==> flow/design.v <==
module cpu_add_unit_top #(
   parameter int DWIDTH = 24
) (
   input  logic i_clk,
   input  logic [DWIDTH-1:0] da_i,
   input  logic [DWIDTH-1:0] db_i,
   output logic [DWIDTH:0] out_o
);
   logic [DWIDTH-1:0] da_q;
   logic [DWIDTH-1:0] db_q;
   always_ff @(posedge i_clk) begin
      da_q <= da_i;
      db_q <= db_i;
   end
   localparam int HALF = DWIDTH / 2;
   logic [HALF:0] lo_q;
   logic [DWIDTH-HALF-1:0] da_hi_q;
   logic [DWIDTH-HALF-1:0] db_hi_q;
   always_ff @(posedge i_clk) begin
      lo_q <= da_q[HALF-1:0] + db_q[HALF-1:0];
      da_hi_q <= da_q[DWIDTH-1:HALF];
      db_hi_q <= db_q[DWIDTH-1:HALF];
   end
   logic [DWIDTH-HALF:0] h;
   assign h = da_hi_q + db_hi_q + lo_q[HALF];
   always_ff @(posedge i_clk)
      out_o <= {h, lo_q[HALF-1:0]};
endmodule
# Reports on cpu_add_unit_top
# Module cpu_add_unit_top in several versions that differ in "DWIDTH"; each step lists the members.
# The RTL above is that of DWIDTH = 24; lines are counted from 1 in the file of the member named.
# The mark -- stands for no value.
dict set report inputs {
  top {cpu_add_unit_top}
  clk_port {i_clk}
  lib {sky130hd}
  lib_corner {tt_025C_1v80}
}

# Members of the sweep
# New or changed lines of each further member against the RTL above, in its own file; lines it lacks are not shown.
# DWIDTH line
set changed_lines {}
lappend changed_lines {64 2} ;# parameter int DWIDTH = 64
lappend changed_lines {80 2} ;# parameter int DWIDTH = 80
lappend changed_lines {96 2} ;# parameter int DWIDTH = 96

# After elaboration
# Source: Yosys, flattened and elaborated, memories not mapped. Widths are those after wreduce; folded enables and synchronous resets count as part of the registers. Registers that Yosys merges into a memory's read port (data or address) are not register bits. Print and check cells do not count. Equal cells are merged and count once.
# DWIDTH regBits out_inout_bits word_cells
set word_totals {}
lappend word_totals {24 110 25 9}
lappend word_totals {64 290 65 9}
lappend word_totals {80 362 81 9}
lappend word_totals {96 434 97 9}
# DWIDTH add_sub_neg
set classes {}
lappend classes {24 3}
lappend classes {64 3}
lappend classes {80 3}
lappend classes {96 3}
# DWIDTH op_list
set ops {}
lappend ops {24 {adder 12 x 12 -> 13 bit: 2; adder 13 x 1 -> 13 bit: 1}}
lappend ops {64 {adder 32 x 32 -> 33 bit: 2; adder 33 x 1 -> 33 bit: 1}}
lappend ops {80 {adder 40 x 40 -> 41 bit: 2; adder 41 x 1 -> 41 bit: 1}}
lappend ops {96 {adder 48 x 48 -> 49 bit: 2; adder 49 x 1 -> 49 bit: 1}}

# Depth
# Depth = most cells in a row (Yosys ltp): at word level without a register or memory, in the mapped netlist without a sequential cell, where the memories' decode and read muxes count.
# DWIDTH ltp_word abc_area ltp_mapped
set depth {}
lappend depth {24 2 0 7}
lappend depth {64 2 0 9}
lappend depth {80 2 0 10}
lappend depth {96 2 0 10}

# After synthesis
# Source: synth_stat.txt of the flow (Yosys; design flattened, memories mapped). It holds for the ABC_AREA given above (unset counts as 0); a run with the other value may have another netlist.
# DWIDTH cell_types
set types {}
lappend types {24 {sky130_fd_sc_hd__dfxtp_1: 110; sky130_fd_sc_hd__ha_1: 23; sky130_fd_sc_hd__xnor2_1: 11; sky130_fd_sc_hd__a21oi_1: 12; sky130_fd_sc_hd__fa_1: 3; sky130_fd_sc_hd__a21o_1: 6; sky130_fd_sc_hd__nand2_1: 12; sky130_fd_sc_hd__xor2_1: 5; sky130_fd_sc_hd__nor2_1: 9; sky130_fd_sc_hd__a211oi_1: 4; sky130_fd_sc_hd__inv_1: 8; sky130_fd_sc_hd__nand3_1: 6; sky130_fd_sc_hd__a21oi_2: 3; sky130_fd_sc_hd__o21a_1: 3; sky130_fd_sc_hd__o21bai_1: 3; sky130_fd_sc_hd__a221o_1: 2; sky130_fd_sc_hd__o21ai_1: 4; sky130_fd_sc_hd__nor3_1: 3; [+24]}}
lappend types {64 {sky130_fd_sc_hd__dfxtp_1: 290; sky130_fd_sc_hd__ha_1: 63; sky130_fd_sc_hd__a21oi_1: 60; sky130_fd_sc_hd__xnor2_1: 32; sky130_fd_sc_hd__xor2_1: 21; sky130_fd_sc_hd__a21o_1: 24; sky130_fd_sc_hd__nand2_1: 45; sky130_fd_sc_hd__o21ai_0: 28; sky130_fd_sc_hd__nor2_1: 25; sky130_fd_sc_hd__a31oi_1: 13; sky130_fd_sc_hd__o21a_1: 9; sky130_fd_sc_hd__a21oi_2: 7; sky130_fd_sc_hd__fa_1: 3; sky130_fd_sc_hd__inv_1: 16; sky130_fd_sc_hd__nand3_1: 12; sky130_fd_sc_hd__o211ai_1: 8; sky130_fd_sc_hd__nor2b_1: 9; sky130_fd_sc_hd__and3_1: 7; [+95]}}
lappend types {80 {sky130_fd_sc_hd__dfxtp_1: 362; sky130_fd_sc_hd__ha_1: 79; sky130_fd_sc_hd__a21o_1: 71; sky130_fd_sc_hd__a21oi_1: 72; sky130_fd_sc_hd__xnor2_1: 39; sky130_fd_sc_hd__xor2_1: 26; sky130_fd_sc_hd__nand2_1: 47; sky130_fd_sc_hd__nor2_1: 43; sky130_fd_sc_hd__o21ai_0: 32; sky130_fd_sc_hd__nand4_1: 20; sky130_fd_sc_hd__clkbuf_1: 31; sky130_fd_sc_hd__a211oi_1: 11; sky130_fd_sc_hd__o21a_1: 9; sky130_fd_sc_hd__fa_1: 3; sky130_fd_sc_hd__and2_1: 9; sky130_fd_sc_hd__nand3_1: 11; sky130_fd_sc_hd__nor3_1: 10; sky130_fd_sc_hd__o21bai_1: 6; [+110]}}
lappend types {96 {sky130_fd_sc_hd__dfxtp_1: 434; sky130_fd_sc_hd__ha_1: 95; sky130_fd_sc_hd__a21oi_1: 96; sky130_fd_sc_hd__xnor2_1: 53; sky130_fd_sc_hd__a21o_1: 60; sky130_fd_sc_hd__xor2_1: 33; sky130_fd_sc_hd__nand2_1: 66; sky130_fd_sc_hd__o21ai_0: 42; sky130_fd_sc_hd__nor2_1: 47; sky130_fd_sc_hd__nand4_1: 23; sky130_fd_sc_hd__nor3_1: 20; sky130_fd_sc_hd__clkbuf_1: 25; sky130_fd_sc_hd__o21bai_1: 11; sky130_fd_sc_hd__a31oi_1: 13; sky130_fd_sc_hd__nor2b_1: 13; sky130_fd_sc_hd__a211oi_1: 10; sky130_fd_sc_hd__inv_1: 20; sky130_fd_sc_hd__nand3_1: 14; [+157]}}
# The mark [+n] counts cells that are not listed.
# DWIDTH cells yosys_area_mm2 flip_flops buf_cells
set mapped {}
lappend mapped {24 251 0.0032669 110 2}
lappend mapped {64 767 0.0092526 290 8}
lappend mapped {80 991 0.0117713 362 33}
lappend mapped {96 1232 0.0143625 434 31}

# Path before layout
# Path of least setup slack by OpenSTA after synthesis, without wires, with an ideal clock, recovery checks aside; 20% of the period is set as input and as output delay. Where synthesis merged equal registers, the netlist keeps one of their names.
# DWIDTH path_kind start end period_ns slack_ns path_stages path_delay_ns synth_period_reached_ns
set synth_path {}
lappend synth_path {24 reg-to-reg {register lo_q[12]} {register out_o[20]} 2.7 0.542 8 2.157 2.158}
lappend synth_path {64 reg-to-reg {register lo_q[32]} {register out_o[56]} 3.3 0.657 10 2.642 2.643}
lappend synth_path {80 reg-to-reg {register lo_q[40]} {register out_o[78]} 3.68 0.734 11 2.946 2.946}
lappend synth_path {96 reg-to-reg {register lo_q[48]} {register out_o[84]} 3.83 0.763 11 3.067 3.067}
# "path_delay_ns" = arrival - input delay + setup time.
# "path_stages": output pins that drive a net of the path, with the launching flip-flop's if there is one; two outputs of one cell count as two.
# "synth_period_reached_ns" = period - worst setup slack (recovery checks aside). The figure is calculated, with input and output delays left at 20% of the set period.
# Between the ends stands the longest chain of elaborated cells between them, by number of cells; it is not shown to be the way that was timed. Of several equally long chains one is given.
# Each line given opens the expression or statement behind the cell; cells for indexed reads and writes are added by Yosys, which also makes memories of some case tables.
dict set report synth_via_DWIDTH_24 {
  elab_chain_len 1
}
# element line
set synth_lines_DWIDTH_24 {}
lappend synth_lines_DWIDTH_24 {{start, declared} 16} ;# logic [HALF:0] lo_q;
lappend synth_lines_DWIDTH_24 {{start, assigned} 20} ;# lo_q <= da_q[HALF-1:0] + db_q[HALF-1:0];
lappend synth_lines_DWIDTH_24 {{adder 13 x 1 -> 13 bit} 25} ;# assign h = da_hi_q + db_hi_q + lo_q[HALF];
lappend synth_lines_DWIDTH_24 {{end, assigned} 27} ;# out_o <= {h, lo_q[HALF-1:0]};
lappend synth_lines_DWIDTH_24 {{end, declared} 7} ;# output logic [DWIDTH:0] out_o
dict set report synth_via_DWIDTH_96 {
  elab_chain_len 1
}
# element line
set synth_lines_DWIDTH_96 {}
lappend synth_lines_DWIDTH_96 {{start, declared} 16} ;# logic [HALF:0] lo_q;
lappend synth_lines_DWIDTH_96 {{start, assigned} 20} ;# lo_q <= da_q[HALF-1:0] + db_q[HALF-1:0];
lappend synth_lines_DWIDTH_96 {{adder 49 x 1 -> 49 bit} 25} ;# assign h = da_hi_q + db_hi_q + lo_q[HALF];
lappend synth_lines_DWIDTH_96 {{end, assigned} 27} ;# out_o <= {h, lo_q[HALF-1:0]};
lappend synth_lines_DWIDTH_96 {{end, declared} 7} ;# output logic [DWIDTH:0] out_o

# Path in the finished layout
# From the final timing report of each member's run: the path of least setup slack in the routed layout; clock arrival at registers is part of the times.
# DWIDTH path_kind start end period_ns slack_ns path_stages t_arrival_ns
set layout_path {}
lappend layout_path {24 reg-to-reg {register lo_q[12]} {register out_o[20]} 2.7 0.40 8 2.55}
lappend layout_path {64 reg-to-reg {register lo_q[32]} {register out_o[56]} 3.3 0.38 10 3.35}
lappend layout_path {80 reg-to-reg {register lo_q[40]} {register out_o[78]} 3.68 0.43 11 3.66}
lappend layout_path {96 reg-to-reg {register lo_q[48]} {register out_o[84]} 3.83 0.40 11 3.89}

# Measured runs
# Settings and results of one run of the flow (Yosys, OpenROAD) for each member follow. The constraints put input and output delay at 20% of the set period each and load the outputs with 0.01 pF.
dict set report settings {
  CAP_MARGIN 20
  CORE_MARGIN 2
  CORE_UTILIZATION 40
  SLEW_MARGIN 20
}
# DWIDTH period_ns
set settings_by_member {}
lappend settings_by_member {24 2.7}
lappend settings_by_member {64 3.3}
lappend settings_by_member {80 3.68}
lappend settings_by_member {96 3.83}
# DWIDTH synthArea_mm2 total_die_area_mm2 cell_area_final_mm2 layout_utilization_frac worst_setup_slack_ns tns_setup_ns power_total_w achievedPeriod_ns
set results {}
lappend results {24 0.0032669 0.0089057 0.0043141 0.553 0.400 0.000 0.003305 2.300}
lappend results {64 0.0092526 0.0243641 0.0124957 0.552 0.380 0.000 0.008621 2.920}
lappend results {80 0.0117713 0.030816 0.0158352 0.549 0.428 0.000 0.009828 3.252}
lappend results {96 0.0143625 0.0374384 0.0194249 0.547 0.396 0.000 0.011903 3.434}
# "achievedPeriod_ns" = clock period - worst setup slack. The figure is calculated, with input and output delays left at 20% of the set period.
# By "power_total_w" is meant OpenSTA's value without simulated activity: inputs other than the clock are taken to toggle once in ten clock periods, and the tool carries that through the logic.
